==> flow/design.v <==
module gen_cmp_unit (sys_clk, aresetn, i_op_a, i_op_b, o_is_gt);
    parameter WIDTH = 96;
    input sys_clk;
    input aresetn;
    input [WIDTH-1:0] i_op_a;
    input [WIDTH-1:0] i_op_b;
    output reg o_is_gt;
    always @(posedge sys_clk or negedge aresetn) begin
        if (~aresetn) begin
            o_is_gt <= 1'b0;
        end else begin
            o_is_gt <= (i_op_a > i_op_b);
        end
    end
endmodule
# From RTL to reports: gen_cmp_unit
# What the tools print for gen_cmp_unit, step after step.
# Lines are those of the file above, counted from 1.
# Cell names lack the library's common part.
inputs:
  top: "gen_cmp_unit"
  clock: "sys_clk"
  library: "sky130hd"
  lib_corner: "tt_025C_1v80"

# Elaborated design
# Counts by Yosys on the flattened word-level netlist (proc, flatten, opt, wreduce; memories kept). Register bits leave out memories and registers merged into their read ports (data or address); mux counts leave out enables and synchronous resets folded into registers. Print and check cells are left out. Cells with the same type and inputs are merged into one.
op_classes:
  compare: 1
ops:
  columns: ["op", "n"]
  rows:
  - ["96-bit greater-than comparator", 1]
word_totals:
  register_bits: 1
  out_inout_bits: 1
  wordCells: 2

# Longest topological paths
# Depth = most cells in a row (Yosys ltp): at word level without a register or memory, in the mapped netlist without a sequential cell, where the memories' decode and read muxes count.
depth:
  word_depth: 1
  abc_area: 0
  mapped_depth: 9

# Synthesis result
# The flow's flattened synthesis, as Yosys stat reports it; memories are mapped. The netlist is that of the ABC_AREA named above (0 if unset); the other value can give another one.
# Totals and module areas in this step are rounded.
mapped:
  ff_cells: 1
  sequential_area_um2: 25.0
  yosys_area_um2: 2480
  n_buf: 0
  stdcells: 344
by_type:
  columns: ["cell", "n", "type_area_um2"]
  rows:
  - ["ha_1", 96, 1.2E+03]
  - ["inv_1", 98, 367.853]
  - ["a21oi_1", 39, 195.187]
  - ["nand4_1", 19, 118.864]
  - ["a21o_1", 14, 105.101]
  - ["nand2_1", 21, 78.826]
  - ["o21ai_0", 9, 45.043]
  - ["dfrtp_1", 1, 25.024]
  - ["nand4_2", 2, 25.024]
  - ["or4_4", 2, 22.522]
  - ["nand4_4", 1, 21.27]
  - ["nand3_1", 4, 20.019]
  - ["o21ai_1", 4, 20.019]
  - ["nor2_1", 5, 18.768]
  - ["nor4_1", 3, 18.768]
  - ["nor3_1", 3, 15.014]
  - ["o21a_1", 2, 15.014]
  - ["nand2b_1", 2, 12.512]
# Other cell types: 19; their cells: 19.

# Timing after synthesis
# Path of least setup slack by OpenSTA after synthesis, without wires, with an ideal clock, recovery checks aside; 20% of the period is set as input and as output delay. Where synthesis merged equal registers, the netlist keeps one of their names.
synth_path:
  kind: "input port to flip-flop"
  start: "input port i_op_b[75]"
  end: "register o_is_gt"
  input_delay_ns: 0.638
  clock_period_ns: 3.19
  setup_ns: 0.117
  path_stages: 9
  delay_ns: 2.041
  setup_slack_ns: 0.512
  required_time_ns: 3.073
  t_arrival_ns: 2.562
  launch_ns: 0.638
  synth_period_reached_ns: 2.678
# "delay_ns" = arrival - input delay + setup time.
# "path_stages": output pins that drive a net of the path, with the launching flip-flop's if there is one; two outputs of one cell count as two.
# "synth_period_reached_ns" is the clock period less the worst setup slack; recovery checks do not enter. This is arithmetic on one report: input and output delays are still those of the set period (20% each).
# Between the ends stands the longest chain of elaborated cells between them, by number of cells; it is not shown to be the way that was timed. Of several equally long chains one is given.
# Each line given opens the expression or statement behind the cell; cells for indexed reads and writes are added by Yosys, which also makes memories of some case tables.
synth_via:
  path_cell_list: "inv_1 -> ha_1 -> nand2_1 -> or4_4 -> or4_4 -> nor3_2 -> or2_1 -> o32a_2 -> nand2_1"
  elab_chain_cells: 1
  cells_between: 1
  cone_lines: 1
synth_rtl:
  columns: ["item", "line_no", "text"]
  rows:
  - ["start: declaration", 6, "input [WIDTH-1:0] i_op_b;"]
  - ["96-bit greater-than comparator", 12, "o_is_gt <= (i_op_a > i_op_b);"]
  - ["end: assignment", 10, "o_is_gt <= 1'b0;"]
  - ["end: assignment", 12, null]
  - ["end: declaration", 7, "output reg o_is_gt;"]

# Worst path after layout
# From the final timing report of record 2: the path of least setup slack in the routed layout; clock arrival at registers is part of the times.
layout_path:
  kind: "input port to flip-flop"
  start: "input port i_op_a[81]"
  end: "register o_is_gt"
  clock_period_ns: 3.19
  required_time_ns: 3.12
  setup_slack_ns: 0.06
  input_delay_ns: 0.64
  t_arrival_ns: 3.06
  path_stages: 9
  setup_ns: 0.07
  launch_ns: 0.64
# Between the ends stands the longest chain of elaborated cells between them, by number of cells; it is not shown to be the way that was timed. Of several equally long chains one is given.
layout_via:
  path_cell_list: "clkdlybuf4s50_1 -> ha_4 -> nand4_1 -> or4_4 -> or4_4 -> nor2_4 -> o311ai_2 -> a41o_1 -> nand2_1"
  elab_chain_cells: 1
  cells_between: 1
  cone_lines: 1
layout_rtl:
  columns: ["item", "line_no", "text"]
  rows:
  - ["start: declaration", 5, "input [WIDTH-1:0] i_op_a;"]
  - ["96-bit greater-than comparator", 12, "o_is_gt <= (i_op_a > i_op_b);"]
  - ["end: assignment", 10, "o_is_gt <= 1'b0;"]
  - ["end: assignment", 12, null]
  - ["end: declaration", 7, "output reg o_is_gt;"]

# Module gen_cmp_unit, platform sky130hd: 3 stored runs of the flow (Yosys, OpenROAD) with differing settings, in no particular order. Input and output delays are each 20% of the period that was set; the output load is 0.01 pF.
# "clock_period_reached_ns": clock period set for the run, less the worst setup slack. It is reckoned from that one timing run; input and output delays stay at 20% of the period that was set.
# "worst_setup_path_time_ns" = time allowed to the worst setup path (clock period - input delay - output delay, where it has them) - its slack; a late launch clock adds to it, a late capture clock takes from it.
# By "power_total_mw" is meant OpenSTA's value without simulated activity: inputs other than the clock are taken to toggle once in ten clock periods, and the tool carries that through the logic.
# Values from the reports are rounded here.
runs:
  - name: "record 1"
    settings:
      period_ns: 2.38
      CORE_UTILIZATION: 42
      PLACE_DENSITY_LB_ADDON: 0.23
      HOLD_SLACK_MARGIN: 0.03
      CELL_PAD_IN_SITES_GLOBAL_PLACEMENT: 3
      ABC_AREA: 1
      GPL_TIMING_DRIVEN: 1
      GPL_ROUTABILITY_DRIVEN: 0
      CAP_MARGIN: 0
      MAX_ROUTING_LAYER: "met4"
      CORE_MARGIN: 2
      SLEW_MARGIN: 20
    outcome: "no final report: placement broke off with FLW-0024"
  - name: "record 2"
    settings:
      period_ns: 3.19
      CAP_MARGIN: 20
      CORE_MARGIN: 2
      CORE_UTILIZATION: 40
      SLEW_MARGIN: 20
    results:
      total_negative_slack_ns: 0.000
      total_die_area_um2: 6860
      power_total_mw: 0.581
      clock_period_reached_ns: 3.125
      stdcell_area_um2: 4870
      synthArea_um2: 2480
      worst_setup_slack_ns: 0.065
      finalUtil_frac: 0.817
      worst_setup_path_time_ns: 2.49
      worst_path_kind: "input port to flip-flop"
  - name: "record 3"
    settings:
      period_ns: 1.79
      CORE_UTILIZATION: 38
      SETUP_SLACK_MARGIN: 0.45
      PLACE_DENSITY_LB_ADDON: 0.03
      CORE_ASPECT_RATIO: 1.74
      CELL_PAD_IN_SITES_DETAIL_PLACEMENT: 0
      GPL_TIMING_DRIVEN: 0
      GPL_ROUTABILITY_DRIVEN: 0
      CTS_CLUSTER_SIZE: 84
      CAP_MARGIN: 40
      MAX_ROUTING_LAYER: "met4"
      CORE_MARGIN: 2
      SLEW_MARGIN: 20
    results:
      total_negative_slack_ns: -0.801
      total_die_area_um2: 7220
      power_total_mw: 1.08
      clock_period_reached_ns: 2.591
      stdcell_area_um2: 5150
      synthArea_um2: 2480
      worst_setup_slack_ns: -0.801
      finalUtil_frac: 0.82
      worst_setup_path_time_ns: 2.23
      worst_path_kind: "input port to flip-flop"
